==> flow/design.v <==
module sync_shift_top #(
  parameter WD = 8,
  parameter SEL_WIDTH = $clog2(WD)
) (
  input  wire i_clk,
  input  wire i_rst,
  input  wire [WD-1:0] i_in,
  input  wire [SEL_WIDTH-1:0] i_by,
  input  wire i_dir,
  output wire [WD-1:0] o_result
);
  reg [WD-1:0] in_reg;
  reg [SEL_WIDTH-1:0] by_reg;
  reg dir_reg;
  reg [WD-1:0] result_reg;
  assign o_result = result_reg;
  always @(posedge i_clk) begin
    if (i_rst) begin
      in_reg <= 0;
      by_reg <= 0;
      dir_reg <= 1'b0;
      result_reg <= 0;
    end else begin
      in_reg <= i_in;
      by_reg <= i_by;
      dir_reg <= i_dir;
      result_reg <= dir_reg ? in_reg << by_reg : in_reg >> by_reg;
    end
  end
endmodule
# Tool chain data of sync_shift_top
# A sweep over "WD": the same steps for each member of the family.
# The RTL above is that of WD 8; lines are counted from 1 in the file of the member named.
# Library cell names are shortened.
design:
  design: "sync_shift_top"
  clock_port: "i_clk"
  lib: "sky130hd"
  corner: "tt_025C_1v80"

# Source of the members
# Lines of each other member's file that are new or changed against the file above; lines that a member lacks are not shown.
changed_lines:
  columns: ["WD", "line", "source"]
  rows:
  - [12, 2, "parameter WD = 12,"]
  - [20, 2, "parameter WD = 20,"]
  - [24, 2, "parameter WD = 24,"]
  - [28, 2, "parameter WD = 28,"]
  - [48, 2, "parameter WD = 48,"]

# After elaboration
# Counts by Yosys on the flattened word-level netlist (proc, flatten, opt, wreduce; memories kept). Register bits leave out memories and registers merged into their read ports (data or address); mux counts leave out enables and synchronous resets folded into registers. Print and check cells are left out. Cells with the same type and inputs are merged into one.
op_classes:
  columns: ["WD", "muxes", "shift"]
  rows:
  - [8, 1, 2]
  - [12, 1, 2]
  - [20, 1, 2]
  - [24, 1, 2]
  - [28, 1, 2]
  - [48, 1, 2]
ops:
  columns: ["WD", "op_list"]
  rows:
  - [8, "8-bit by 3-bit << shifter with 8-bit output (1); 8-bit by 3-bit >> shifter with 8-bit output (1); 8-bit 2-to-1 mux (1)"]
  - [12, "12-bit by 4-bit << shifter with 12-bit output (1); 12-bit by 4-bit >> shifter with 12-bit output (1); 12-bit 2-to-1 mux (1)"]
  - [20, "20-bit by 5-bit << shifter with 20-bit output (1); 20-bit by 5-bit >> shifter with 20-bit output (1); 20-bit 2-to-1 mux (1)"]
  - [24, "24-bit by 5-bit << shifter with 24-bit output (1); 24-bit by 5-bit >> shifter with 24-bit output (1); 24-bit 2-to-1 mux (1)"]
  - [28, "28-bit by 5-bit << shifter with 28-bit output (1); 28-bit by 5-bit >> shifter with 28-bit output (1); 28-bit 2-to-1 mux (1)"]
  - [48, "48-bit by 6-bit << shifter with 48-bit output (1); 48-bit by 6-bit >> shifter with 48-bit output (1); 48-bit 2-to-1 mux (1)"]
word_totals:
  columns: ["WD", "out_inout_bits", "ff_bits", "inputBits", "wordCells"]
  rows:
  - [8, 8, 20, 14, 7]
  - [12, 12, 29, 19, 7]
  - [20, 20, 46, 28, 7]
  - [24, 24, 54, 32, 7]
  - [28, 28, 62, 36, 7]
  - [48, 48, 103, 57, 7]

# Longest topological paths
# Yosys ltp: most cells in a row. Word level: on the elaborated netlist, between registers, memories and ports. Mapped: between sequential cells and ports; inverters and the memories' decode and read muxes count.
logic_depth:
  columns: ["WD", "ltp_word", "abc_area", "mapped_depth", "mapped_depth_nobuf"]
  rows:
  - [8, 2, 0, 4, 3]
  - [12, 2, 0, 8, 4]
  - [20, 2, 0, 7, 4]
  - [24, 2, 0, 9, 4]
  - [28, 2, 0, 8, 5]
  - [48, 2, 0, 11, 5]

# After synthesis
# Source: synth_stat.txt of the flow (Yosys; design flattened, memories mapped). It holds for the ABC_AREA given above (unset counts as 0); a run with the other value may have another netlist.
synth_totals:
  columns: ["WD", "buffers", "mapped_cells", "flip_flops", "seqArea_um2", "area_um2"]
  rows:
  - [8, 8, 102, 20, 400.4, 1071.0]
  - [12, 17, 189, 29, 580.6, 1747.9]
  - [20, 30, 298, 46, 920.9, 3171.8]
  - [24, 39, 374, 54, 1081.0, 4045.1]
  - [28, 49, 490, 62, 1241.2, 4704.5]
  - [48, 114, 1023, 103, 2062.0, 10042.1]
types:
  columns: ["WD", "cell_types"]
  rows:
  - [8, "dfxtp_1 (20); mux4_2 (7); nor2b_1 (17); mux2_2 (7); a31oi_1 (6); a32oi_1 (4); nand3_1 (6); mux4_1 (1); nand3b_1 (3); nor3b_1 (3); nand2_1 (5); buf_2 (3); clkbuf_1 (4); buf_6 (1); mux2i_1 (1); o21ai_0 (2); and3b_1 (1); o2111ai_1 (1); [+10]"]
  - [12, "dfxtp_1 (29); mux2i_1 (22); mux4_2 (6); nor2b_1 (20); nand2b_1 (9); mux2_2 (4); nor2_1 (10); o21ai_0 (7); o22a_1 (4); o22ai_1 (5); a21oi_1 (6); buf_2 (6); clkbuf_1 (8); o311a_1 (3); o221ai_1 (3); nor3_1 (5); nand2_1 (6); or2_2 (3); [+33]"]
  - [20, "dfxtp_1 (46); mux4_2 (22); mux4_1 (16); nor2b_1 (29); nor2_1 (32); mux2i_1 (9); o21ai_0 (16); clkbuf_1 (17); mux2_2 (5); buf_6 (4); nand2_1 (11); a31oi_1 (6); nand2b_1 (6); o211ai_1 (5); buf_2 (7); a211oi_1 (4); o2111ai_1 (3); a2111o_1 (2); [+58]"]
  - [24, "mux4_2 (50); dfxtp_1 (54); mux2_2 (23); nor2b_1 (38); mux2i_1 (21); nor2_1 (21); clkbuf_1 (20); buf_2 (11); nand2_1 (14); a22oi_1 (6); nand3_1 (9); a221oi_1 (5); a32oi_1 (4); nor3_1 (7); o21ai_0 (7); a211oi_1 (4); a21oi_1 (6); o211a_1 (3); [+71]"]
  - [28, "dfxtp_1 (62); mux4_2 (35); mux2i_1 (49); mux2_2 (41); nor2b_1 (41); nor2_1 (36); a21oi_1 (25); nand2_1 (29); o22ai_1 (16); buf_6 (8); clkbuf_1 (24); buf_2 (12); a211oi_1 (7); a31oi_1 (8); nor3_1 (10); a22oi_1 (6); o21ai_0 (9); o32ai_1 (5); [+67]"]
  - [48, "dfxtp_1 (103); mux4_2 (88); mux2i_1 (94); mux2_2 (56); mux4_1 (22); nor2b_1 (60); nor2_1 (75); nand2_1 (74); clkbuf_1 (57); a21oi_1 (39); o21ai_0 (32); a211oi_1 (20); buf_6 (12); buf_2 (26); o22ai_1 (17); o211ai_1 (14); nand3_1 (19); a22oi_1 (12); [+203]"]
# A list marked [+n] leaves out that many cells.

# Path before layout
# Path of least setup slack by OpenSTA after synthesis, without wires, with an ideal clock, recovery checks aside; 20% of the period is set as input and as output delay. Where synthesis merged equal registers, the netlist keeps one of their names.
synth_timing:
  columns: ["WD", "path_type", "start", "end", "setup_slack_ps", "path_delay_ps", "clock_period_ps", "path_stages", "synth_period_reached_ps"]
  rows:
  - [8, "register to register", "register by_reg[0]", "register result_reg[6]", 348, 1392, 1740, 5, 1392]
  - [12, "register to register", "register by_reg[0]", "register result_reg[1]", 416, 1644, 2060, 7, 1644]
  - [20, "register to register", "register by_reg[0]", "register result_reg[17]", 462, 1858, 2320, 7, 1858]
  - [24, "register to register", "register by_reg[1]", "register result_reg[9]", 514, 2056, 2570, 7, 2056]
  - [28, "register to register", "register by_reg[1]", "register result_reg[24]", 461, 1830, 2290, 7, 1829]
  - [48, "register to register", "register by_reg[1]", "register result_reg[23]", 551, 2218, 2770, 7, 2219]
# "path_delay_ps" is the arrival time less input delay plus setup time.
# "path_stages" counts driving pins, that of a launching flip-flop among them; a cell with two outputs on the path counts twice.
# "synth_period_reached_ps" = period - worst setup slack (recovery checks aside). The figure is calculated, with input and output delays left at 20% of the set period.
# Between the ends stands the longest chain of elaborated cells between them, by number of cells; it is not shown to be the way that was timed. Of several equally long chains one is given.
# Each line given opens the expression or statement behind the cell; cells for indexed reads and writes are added by Yosys, which also makes memories of some case tables.
synth_between_WD_8:
  elab_chain_cells: 2
synth_rtl_WD_8:
  columns: ["item", "line", "source"]
  rows:
  - ["start, declared", 13, "reg [SEL_WIDTH-1:0] by_reg;"]
  - ["start, assigned", 20, "by_reg <= 0;"]
  - ["start, assigned", 25, "by_reg <= i_by;"]
  - ["8-bit by 3-bit >> shifter with 8-bit output", 27, "result_reg <= dir_reg ? in_reg << by_reg : in_reg >> by_reg;"]
  - ["8-bit 2-to-1 mux", 27, null]
  - ["end, assigned", 22, "result_reg <= 0;"]
  - ["end, assigned", 27, null]
  - ["end, declared", 15, "reg [WD-1:0] result_reg;"]
synth_between_WD_48:
  elab_chain_cells: 2
synth_rtl_WD_48:
  columns: ["item", "line", "source"]
  rows:
  - ["start, declared", 13, "reg [SEL_WIDTH-1:0] by_reg;"]
  - ["start, assigned", 20, "by_reg <= 0;"]
  - ["start, assigned", 25, "by_reg <= i_by;"]
  - ["48-bit by 6-bit >> shifter with 48-bit output", 27, "result_reg <= dir_reg ? in_reg << by_reg : in_reg >> by_reg;"]
  - ["48-bit 2-to-1 mux", 27, null]
  - ["end, assigned", 22, "result_reg <= 0;"]
  - ["end, assigned", 27, null]
  - ["end, declared", 15, "reg [WD-1:0] result_reg;"]

# Timing after layout
# From the final timing report of the run of each member: the path of least setup slack in the routed layout; clock arrival at registers is part of the times.
# The path's times are printed in steps of 10 ps; the period is the one set.
layout_timing:
  columns: ["WD", "path_type", "start", "end", "arrival_ps", "path_buffers", "clock_period_ps", "setup_slack_ps", "path_stages"]
  rows:
  - [8, "register to output", "register result_reg[2]", "output port o_result[2]", 1160, 1, 1740, 230, 2]
  - [12, "register to register", "register by_reg[1]", "register result_reg[11]", 1930, 1, 2060, 310, 6]
  - [20, "register to register", "register by_reg[0]", "register result_reg[7]", 2370, 1, 2320, 130, 5]
  - [24, "register to register", "register by_reg[1]", "register result_reg[14]", 2540, 2, 2570, 240, 7]
  - [28, "register to register", "register by_reg[1]", "register result_reg[0]", 2400, 1, 2290, 110, 6]
  - [48, "register to register", "register by_reg[1]", "register result_reg[21]", 2960, 2, 2770, 80, 8]

# Layout results
# One run of the flow (Yosys, OpenROAD) for each member, with settings and measured results. Input and output delays are each 20% of the period that was set; the output load is 0.01 pF.
settings:
  CAP_MARGIN: 20
  CORE_MARGIN: 2
  CORE_UTILIZATION: 40
  SLEW_MARGIN: 20
settings_by_member:
  columns: ["WD", "period_ns"]
  rows:
  - [8, 1.74]
  - [12, 2.06]
  - [20, 2.32]
  - [24, 2.57]
  - [28, 2.29]
  - [48, 2.77]
results:
  columns: ["WD", "worst_setup_slack_ps", "clock_period_reached_ps", "final_die_area_um2", "final_cell_area_um2", "power.total_uw", "hold_ws_ps", "tns_setup_ps", "yosys.chip_area_um2", "layout_utilization_frac"]
  rows:
  - [8, 230, 1510, 3107.5, 1342.5, 918.2, 580, 0, 1071.0, 0.537]
  - [12, 313, 1747, 4914.7, 2219.6, 1535, 683, 0, 1747.9, 0.517]
  - [20, 135, 2185, 8657.4, 3832.4, 1891, 587, 0, 3171.8, 0.499]
  - [24, 242, 2328, 10932.8, 4900.9, 2112, 743, 0, 4045.1, 0.501]
  - [28, 110, 2180, 12645.0, 5923.2, 3464, 628, 0, 4704.5, 0.517]
  - [48, 80, 2690, 26388.4, 12210.5, 5045, 695, 0, 10042.1, 0.499]
# "clock_period_reached_ps" is the run's clock period less its worst setup slack. It is reckoned from that one timing run; input and output delays stay at 20% of the period that was set.
# "power.total_uw": no workload was simulated; the value follows from the tool's default switching activity.
